==> flow/design.v <==
module ex_scratch_p #(
  parameter NREGS = 4,
  parameter DWIDTH = 40,
  parameter ADDR_W = $clog2(NREGS),
  parameter GROUPS = DWIDTH / 8
) (
  input wire CLK,
  input wire [GROUPS-1:0] in_wstrb,
  input wire [ADDR_W-1:0] in_wa,
  input wire [DWIDTH-1:0] in_write_data,
  input wire [ADDR_W-1:0] in_raddr,
  output wire [DWIDTH-1:0] out_rd
);
  reg [GROUPS-1:0] r_wstrb;
  always @(posedge CLK)
    r_wstrb <= in_wstrb;
  reg [ADDR_W-1:0] r_wa;
  always @(posedge CLK)
    r_wa <= in_wa;
  reg [DWIDTH-1:0] r_write_data;
  always @(posedge CLK)
    r_write_data <= in_write_data;
  reg [DWIDTH-1:0] regs [NREGS-1:0];
  integer t;
  always @(posedge CLK) begin
    for (t = 0; t < GROUPS; t = t + 1)
      if (r_wstrb[t]) regs[r_wa][8*t +: 8] <= r_write_data[8*t +: 8];
  end
  reg [ADDR_W-1:0] r_raddr;
  always @(posedge CLK)
    r_raddr <= in_raddr;
  reg [DWIDTH-1:0] r_rd;
  always @(posedge CLK)
    r_rd <= regs[r_raddr];
  assign out_rd = r_rd;
endmodule
# Step by step through the tools: ex_scratch_p
# A sweep over "NREGS": the same steps for each member of the family.
# The RTL above is that of NREGS 4; lines are counted from 1 in the file of the member named.
# Library cell names are shortened.
# A cell with - has no value.
# design
design	ex_scratch_p
clk_port	CLK
cell_library	sky130hd
corner	tt_025C_1v80

# Source of the members
# Lines of each other member's file that are new or changed against the file above; lines that a member lacks are not shown.
# changed_lines
NREGS	line_no	text
12	2	parameter NREGS = 12,
24	2	parameter NREGS = 24,
32	2	parameter NREGS = 32,
48	2	parameter NREGS = 48,

# Word level
# Counts by Yosys on the flattened word-level netlist (proc, flatten, opt, wreduce; memories kept). Register bits leave out memories and registers merged into their read ports (data or address); mux counts leave out enables and synchronous resets folded into registers. Print and check cells are left out. Cells with the same type and inputs are merged into one.
# Memory sizes are those after Yosys's memory passes, which may raise the word count (mostly to a power of two), join words into wider ones and drop unused or constant bits.
# word_totals
NREGS	register_bits	latchBits	mem_bits_rw	rom_bits	clocked_rd_ports_x_width	mem_count	inputBits	elab_cells
4	49	0	160	0	40	1	50	15
12	53	0	480	0	40	1	54	15
24	55	0	960	0	40	1	56	15
32	55	0	1280	0	40	1	56	15
48	57	0	1920	0	40	1	58	15
# classes
NREGS	n_addsub	mul	div	compare	eq_ne	shifts	n_mux	bitwise	reduce_and_logical
4	0	0	0	0	0	0	10	0	0
12	0	0	0	0	0	0	10	0	0
24	0	0	0	0	0	0	10	0	0
32	0	0	0	0	0	0	10	0	0
48	0	0	0	0	0	0	10	0	0
# memory_table
NREGS	memory_list
4	regs 4x40 r1 w1
12	regs 12x40 r1 w1
24	regs 24x40 r1 w1
32	regs 32x40 r1 w1
48	regs 48x40 r1 w1
# ops
NREGS	op_list
4	two-way mux 40 bit (5); two-way mux 1 bit (5)
12	two-way mux 40 bit (5); two-way mux 1 bit (5)
24	two-way mux 40 bit (5); two-way mux 1 bit (5)
32	two-way mux 40 bit (5); two-way mux 1 bit (5)
48	two-way mux 40 bit (5); two-way mux 1 bit (5)

# Depth
# Longest topological path by Yosys (ltp), each cell counted once; first at word level (registers and memories cut), then after technology mapping (sequential cells cut; the memories' decode and read muxes count).
# depth
NREGS	ltp_word	ABC_AREA	ltp_mapped	ltp_nobuf
4	1	0	3	1
12	1	0	6	3
24	1	0	8	4
32	1	0	8	5
48	1	0	9	5

# After synthesis
# Source: synth_stat.txt of the flow (Yosys; design flattened, memories mapped). It holds for the ABC_AREA given above (unset counts as 0); a run with the other value may have another netlist.
# types
NREGS	type_list
4	edfxtp_1 (160); dfxtp_1 (89); mux4_2 (40); and3b_1 (10); buf_12 (4); nor3b_1 (5); and3_1 (5); buf_2 (4); clkbuf_1 (4); buf_6 (1)
12	edfxtp_1 (480); dfxtp_1 (93); mux4_2 (80); mux2i_1 (80); and2_1 (60); o221ai_2 (20); a22oi_2 (20); o221ai_1 (20); a22oi_1 (20); clkbuf_1 (25); buf_12 (3); buf_2 (10); buf_6 (3); nand2b_1 (5); nor2_1 (7); nor3_1 (5); buf_4 (3); buf_1 (4); [+4]
24	edfxtp_1 (960); mux2i_1 (304); dfxtp_1 (95); mux4_2 (82); a22oi_1 (104); and2_1 (120); nand2_1 (122); mux2_2 (40); nand3_1 (72); nand4_1 (40); clkbuf_1 (63); buf_4 (31); mux4_1 (6); nor2_1 (27); buf_12 (5); a221oi_1 (8); buf_2 (12); o21ai_1 (8); [+19]
32	edfxtp_1 (1280); mux2i_1 (640); dfxtp_1 (95); and2_1 (161); a22oi_1 (120); a22o_1 (80); nand3_1 (121); a21oi_1 (120); nand2_1 (123); buf_6 (30); clkbuf_1 (77); a31oi_1 (40); nor3_1 (40); buf_4 (23); buf_2 (34); nor2_1 (33); buf_1 (10); nand2b_1 (4); [+14]
48	edfxtp_1 (1920); mux2i_1 (640); mux4_2 (200); dfxtp_1 (97); and2_1 (241); a22oi_1 (160); a221oi_1 (80); a22o_1 (80); o41ai_2 (40); clkbuf_1 (137); buf_6 (40); a21oi_1 (80); buf_4 (41); o22ai_1 (40); nor2_1 (52); nand2_1 (44); buf_2 (14); buf_1 (11); [+17]
# The mark [+n] counts cells that are not listed.
# synth_totals
NREGS	stdcells	mapped_area_um2	seq_area_um2	ff_cells	n_buf
4	322	7770.0	6586.3	249	13
12	942	20507.2	16275.6	573	48
24	2118	39801.9	30729.5	1055	116
32	3045	52728.1	40338.7	1375	177
48	3934	77790.9	59597.2	2017	244

# Timing after synthesis
# Source: OpenSTA report_checks on the synthesized netlist (no wires, ideal clock, input and output delay 20% of the period each), path of least setup slack; recovery checks are left aside. Register names are those of the netlist, which keeps one name where synthesis merged equal registers.
# synth_path
NREGS	kind	startpoint	endpoint	period_ns	setup_slack_ns	stages	delay_ns	synth_period_reached_ns
4	reg2reg	register r_wa[1]	memory regs[0][0]	1.93	0.383	3	1.546	1.547
12	reg2reg	register r_raddr[0]	register r_rd[19]	1.98	0.392	6	1.588	1.588
24	reg2reg	register r_raddr[0]	register r_rd[13]	2.14	0.428	7	1.713	1.712
32	reg2reg	register r_wa[4]	memory regs[19][0]	1.98	0.397	4	1.584	1.583
48	reg2reg	register r_raddr[1]	register r_rd[0]	2.58	0.516	8	2.065	2.064
# "delay_ns" is the arrival time less input delay plus setup time.
# "stages": output pins that drive a net of the path, with the launching flip-flop's if there is one; two outputs of one cell count as two.
# "synth_period_reached_ns" = period - worst setup slack (recovery checks aside). The figure is calculated, with input and output delays left at 20% of the set period.
# synth_between_NREGS_4
elab_chain_cells	0
# synth_lines_NREGS_4
item	line_no	text
from (decl)	17	reg [ADDR_W-1:0] r_wa;
from (assign)	19	r_wa <= in_wa;
to (decl)	23	reg [DWIDTH-1:0] regs [NREGS-1:0];
# synth_lines_NREGS_48
item	line_no	text
from (decl)	29	reg [ADDR_W-1:0] r_raddr;
from (assign)	31	r_raddr <= in_raddr;
to (decl)	32	reg [DWIDTH-1:0] r_rd;
# NREGS 48: No chain of elaborated cells between the ends is given.

# Timing after layout
# Path of least setup slack in the final report of the run of each member (OpenROAD, finished layout, wires in). Where an end is a register, its clock arrival counts in the times.
# layout_path
NREGS	kind	startpoint	endpoint	period_ns	setup_slack_ns	stages	arrival_time_ns
4	reg2out	register r_rd[26]	output out_rd[26]	1.93	0.15	2	1.39
12	reg2out	register r_rd[15]	output out_rd[15]	1.98	0.04	2	1.55
24	reg2out	register r_rd[24]	output out_rd[24]	2.14	0.07	2	1.64
32	reg2reg	register r_raddr[3]	register r_rd[10]	1.98	0.00	7	2.66
48	reg2reg	register r_wa[3]	memory regs[14][31]	2.58	0.04	5	3.01

# Flow runs
# One run of the flow (Yosys, OpenROAD) for each member, with settings and measured results. Input and output delays are each 20% of the period that was set; the output load is 0.01 pF.
# settings
CAP_MARGIN	20
CORE_MARGIN	2
CORE_UTILIZATION	40
SLEW_MARGIN	20
# settings_diff
NREGS	period_ns
4	1.93
12	1.98
24	2.14
32	1.98
48	2.58
# measured
NREGS	synthesis_area_um2	die_um2	finalCellArea_um2	worstSetupSlack_ns	fin_hold_ws_ns	achieved_clock_period_ns
4	7770.0	20556.4	9723.1	0.149	0.316	1.781
12	20507.2	53095.7	24955.2	0.037	0.233	1.943
24	39801.9	102045.0	47165.2	0.075	0.200	2.065
32	52728.1	134740.0	65580.4	0.001	0.080	1.979
48	77790.9	198021.0	90242.8	0.041	0.108	2.539
# By "achieved_clock_period_ns" is meant the clock period of the run minus its worst setup slack. This is arithmetic on one report: input and output delays are still those of the set period (20% each).
